==> flow/design.v <==
module cmp #(
   parameter integer WIDTH = 12
) (
   input  wire i_clk,
   input  wire rst_ni,
   input  wire [WIDTH-1:0] i_src1,
   input  wire [WIDTH-1:0] i_src2,
   output wire o_is_lt,
   output wire o_match
);
   reg [WIDTH-1:0] src1_ff;
   reg [WIDTH-1:0] src2_ff;
   reg [WIDTH:0] work_ff;
   reg is_lt_ff;
   assign o_is_lt = is_lt_ff;
   reg match_ff;
   assign o_match = match_ff;
   always @(posedge i_clk) begin
      if (!rst_ni) begin
         src1_ff <= 0;
         src2_ff <= 0;
         work_ff <= 0;
         is_lt_ff <= 1'b0;
         match_ff <= 1'b0;
      end else begin
         src1_ff <= i_src1;
         src2_ff <= i_src2;
         work_ff <= {1'b0, src1_ff} - {1'b0, src2_ff};
         is_lt_ff <= work_ff[WIDTH];
         match_ff <= ~|work_ff[WIDTH-1:0];
      end
   end
endmodule
# From RTL to reports: cmp
# What the tools print for cmp, step after step.
# Line numbers count from 1 in the design file above.
# Cell names lack the library's common part.
setup:
  top: "cmp"
  clock_port: "i_clk"
  library: "sky130hd"
  corner: "tt_025C_1v80"

# Word level
# Source: Yosys, flattened and elaborated, memories not mapped. Widths are those after wreduce; folded enables and synchronous resets count as part of the registers. Registers that Yosys merges into a memory's read port (data or address) are not register bits. Print and check cells do not count. Equal cells are merged and count once.
classes:
  add_sub_neg: 1
  n_reduce_logical: 2
ops:
  columns: ["operator", "n"]
  rows:
  - ["subtractor 12 x 12 -> 13 bit", 1]
  - ["OR reduction 12 bit", 1]
  - ["zero test 1 bit", 1]
word_totals:
  reg_bits: 39
  input_bits: 26
  wordCells: 8

# Longest topological paths
# Longest topological path by Yosys (ltp), each cell counted once; first at word level (registers and memories cut), then after technology mapping (sequential cells cut; the memories' decode and read muxes count).
depth:
  depth_word: 2
  abc_area: 0
  mapped_depth: 8
  mapped_depth_nobuf: 8

# Netlist
# Yosys stat after the flow's synthesis: flattened, memories mapped to cells. It holds for the ABC_AREA given above (unset counts as 0); a run with the other value may have another netlist.
# Totals and module areas in this step are rounded.
mapped:
  mapped_cells: 171
  yosys_area_mm2: 0.00165
  seqArea_mm2: 0.000781
  ff_cells: 39
  buffers: 4
types:
  columns: ["cell", "n", "area_total_um2"]
  rows:
  - ["dfxtp_1", 39, 780.749]
  - ["and2_1", 25, 156.4]
  - ["ha_1", 12, 150.144]
  - ["inv_1", 16, 60.058]
  - ["nor2_1", 10, 37.536]
  - ["nand2_1", 9, 33.782]
  - ["nand2b_1", 5, 31.28]
  - ["mux2i_1", 3, 30.029]
  - ["o21a_1", 4, 30.029]
  - ["nor3_1", 5, 25.024]
  - ["o21ai_1", 5, 25.024]
  - ["a211oi_1", 3, 22.522]
  - ["o2111a_1", 2, 22.522]
  - ["fa_1", 1, 20.019]
  - ["o21ai_0", 4, 20.019]
  - ["a21oi_2", 2, 17.517]
  - ["o31a_4", 1, 17.517]
  - ["xor2_1", 2, 17.517]
# Not listed: further types 18, cells in them 23.

# Path before layout
# Path of least setup slack by OpenSTA after synthesis, without wires, with an ideal clock, recovery checks aside; 20% of the period is set as input and as output delay. Where synthesis merged equal registers, the netlist keeps one of their names.
synth_path:
  kind: "reg2reg"
  startpoint: "register src1_ff[0]"
  endpoint: "register work_ff[12]"
  tclk_ps: 2270
  setup_ps: 118
  t_arrival_ps: 1702
  t_required_ps: 2152
  setup_slack_ps: 451
  path_delay_ps: 1820
  driving_pins: 9
  period_less_setup_slack_ps: 1819
# "path_delay_ps" is the arrival time less input delay plus setup time.
# "driving_pins" counts driving pins, that of a launching flip-flop among them; a cell with two outputs on the path counts twice.
# "period_less_setup_slack_ps" is the clock period less the worst setup slack; recovery checks do not enter. This is arithmetic on one report: input and output delays are still those of the set period (20% each).
# The rows between start and end are the longest chain of elaborated cells between them; the timing report does not say that the signal goes this way. Where chains are equally long, one stands for them.
# A line is the first line of the expression or statement that the cell stems from. Yosys adds cells for indexed reads and writes and turns some case tables into memories.
synth_via:
  path_cell_list: "dfxtp_1 inv_1 ha_1 fa_1 nand2b_1 a21oi_2 o21ai_1 o2bb2ai_1 o2111a_1"
  elab_chain_cells: 1
  cells_between: 1
  lines_between: 1
synth_lines:
  columns: ["item", "line", "text"]
  rows:
  - ["start: declaration", 11, "reg [WIDTH-1:0] src1_ff;"]
  - ["start: assignment", 20, "src1_ff <= 0;"]
  - ["start: assignment", 26, "src1_ff <= i_src1;"]
  - ["subtractor 12 x 12 -> 13 bit", 28, "work_ff <= {1'b0, src1_ff} - {1'b0, src2_ff};"]
  - ["end: assignment", 22, "work_ff <= 0;"]
  - ["end: assignment", 28, null]
  - ["end: declaration", 13, "reg [WIDTH:0] work_ff;"]

# Worst path after layout
# Path of least setup slack in the final report of record 1 (OpenROAD, finished layout, wires in). Where an end is a register, its clock arrival counts in the times.
# The report prints the path's times to 10 ps; the period is as set.
layout_path:
  kind: "reg2reg"
  startpoint: "register src1_ff[0]"
  endpoint: "register work_ff[8]"
  tclk_ps: 1340
  setup_ps: 60
  t_arrival_ps: 2050
  t_required_ps: 1630
  setup_slack_ps: -410
  driving_pins: 9
# The rows between start and end are the longest chain of elaborated cells between them; the timing report does not say that the signal goes this way. Where chains are equally long, one stands for them.
layout_via:
  path_cell_list: "dfxtp_2 inv_2 ha_4 fa_2 nand2b_4 a21oi_4 o2111ai_1 a21o_1 a21oi_2"
  elab_chain_cells: 1
  cells_between: 1
  lines_between: 1
layout_lines:
  columns: ["item", "line", "text"]
  rows:
  - ["start: declaration", 11, "reg [WIDTH-1:0] src1_ff;"]
  - ["start: assignment", 20, "src1_ff <= 0;"]
  - ["start: assignment", 26, "src1_ff <= i_src1;"]
  - ["subtractor 12 x 12 -> 13 bit", 28, "work_ff <= {1'b0, src1_ff} - {1'b0, src2_ff};"]
  - ["end: assignment", 22, "work_ff <= 0;"]
  - ["end: assignment", 28, null]
  - ["end: declaration", 13, "reg [WIDTH:0] work_ff;"]

# Flow measurements of cmp on sky130hd: 3 stored runs with different settings, listed in no order. Input and output delays are each 20% of the period that was set; the output load is 0.01 pF.
# By "clock_period_reached_ps" is meant the clock period of the run minus its worst setup slack. This is arithmetic on one report: input and output delays are still those of the set period (20% each).
# "worst_path_time_ps" means the part of the period allowed to the worst setup path (the constraints hold back 20% at inputs and 20% at outputs) less its slack; where the path has registers, the arrival times of their clocks count too.
# "total_power_mw" rests on the timing tool's default activity at the inputs, not on a simulated workload.
# "worst_path_time_ps" is given in steps of 10 ps.
# Values from the reports are rounded here.
runs:
  - name: "record 1"
    settings:
      period_ns: 1.34
      CORE_UTILIZATION: 51
      PLACE_DENSITY_LB_ADDON: 0.12
      CTS_CLUSTER_DIAMETER: 365
      MAX_ROUTING_LAYER: "met5"
      CAP_MARGIN: 20
      CORE_MARGIN: 2
      SLEW_MARGIN: 20
    results:
      total_die_area_mm2: 0.00371
      finalCellArea_mm2: 0.0023
      worst_path_time_ps: 1750
      worst_setup_path_type: "reg2reg"
      clock_period_reached_ps: 1753
      post_route_util_frac: 0.746
      total_power_mw: 2.69
      ys_area_mm2: 0.00165
      final_hold_ws_ps: 400
      setup_ws_ps: -413
      fin_tns_ps: -2940
  - name: "record 2"
    settings:
      period_ns: 2.27
      CAP_MARGIN: 20
      CORE_MARGIN: 2
      CORE_UTILIZATION: 40
      SLEW_MARGIN: 20
    results:
      total_die_area_mm2: 0.00466
      finalCellArea_mm2: 0.00208
      worst_path_time_ps: 1960
      worst_setup_path_type: "reg2reg"
      clock_period_reached_ps: 1961
      post_route_util_frac: 0.519
      total_power_mw: 1.51
      ys_area_mm2: 0.00165
      final_hold_ws_ps: 390
      setup_ws_ps: 309
      fin_tns_ps: 0
  - name: "record 3"
    settings:
      period_ns: 1.18
      CORE_UTILIZATION: 66
      SETUP_SLACK_MARGIN: -0.09
      PLACE_DENSITY: 0.42
      CORE_ASPECT_RATIO: 1.15
      CELL_PAD_IN_SITES_GLOBAL_PLACEMENT: 3
      ABC_AREA: 1
      GPL_TIMING_DRIVEN: 1
      GPL_ROUTABILITY_DRIVEN: 1
      CAP_MARGIN: 20
      SLEW_MARGIN: 0
      CORE_MARGIN: 2
    outcome: "not finished: placement ended with error GPL-0301"
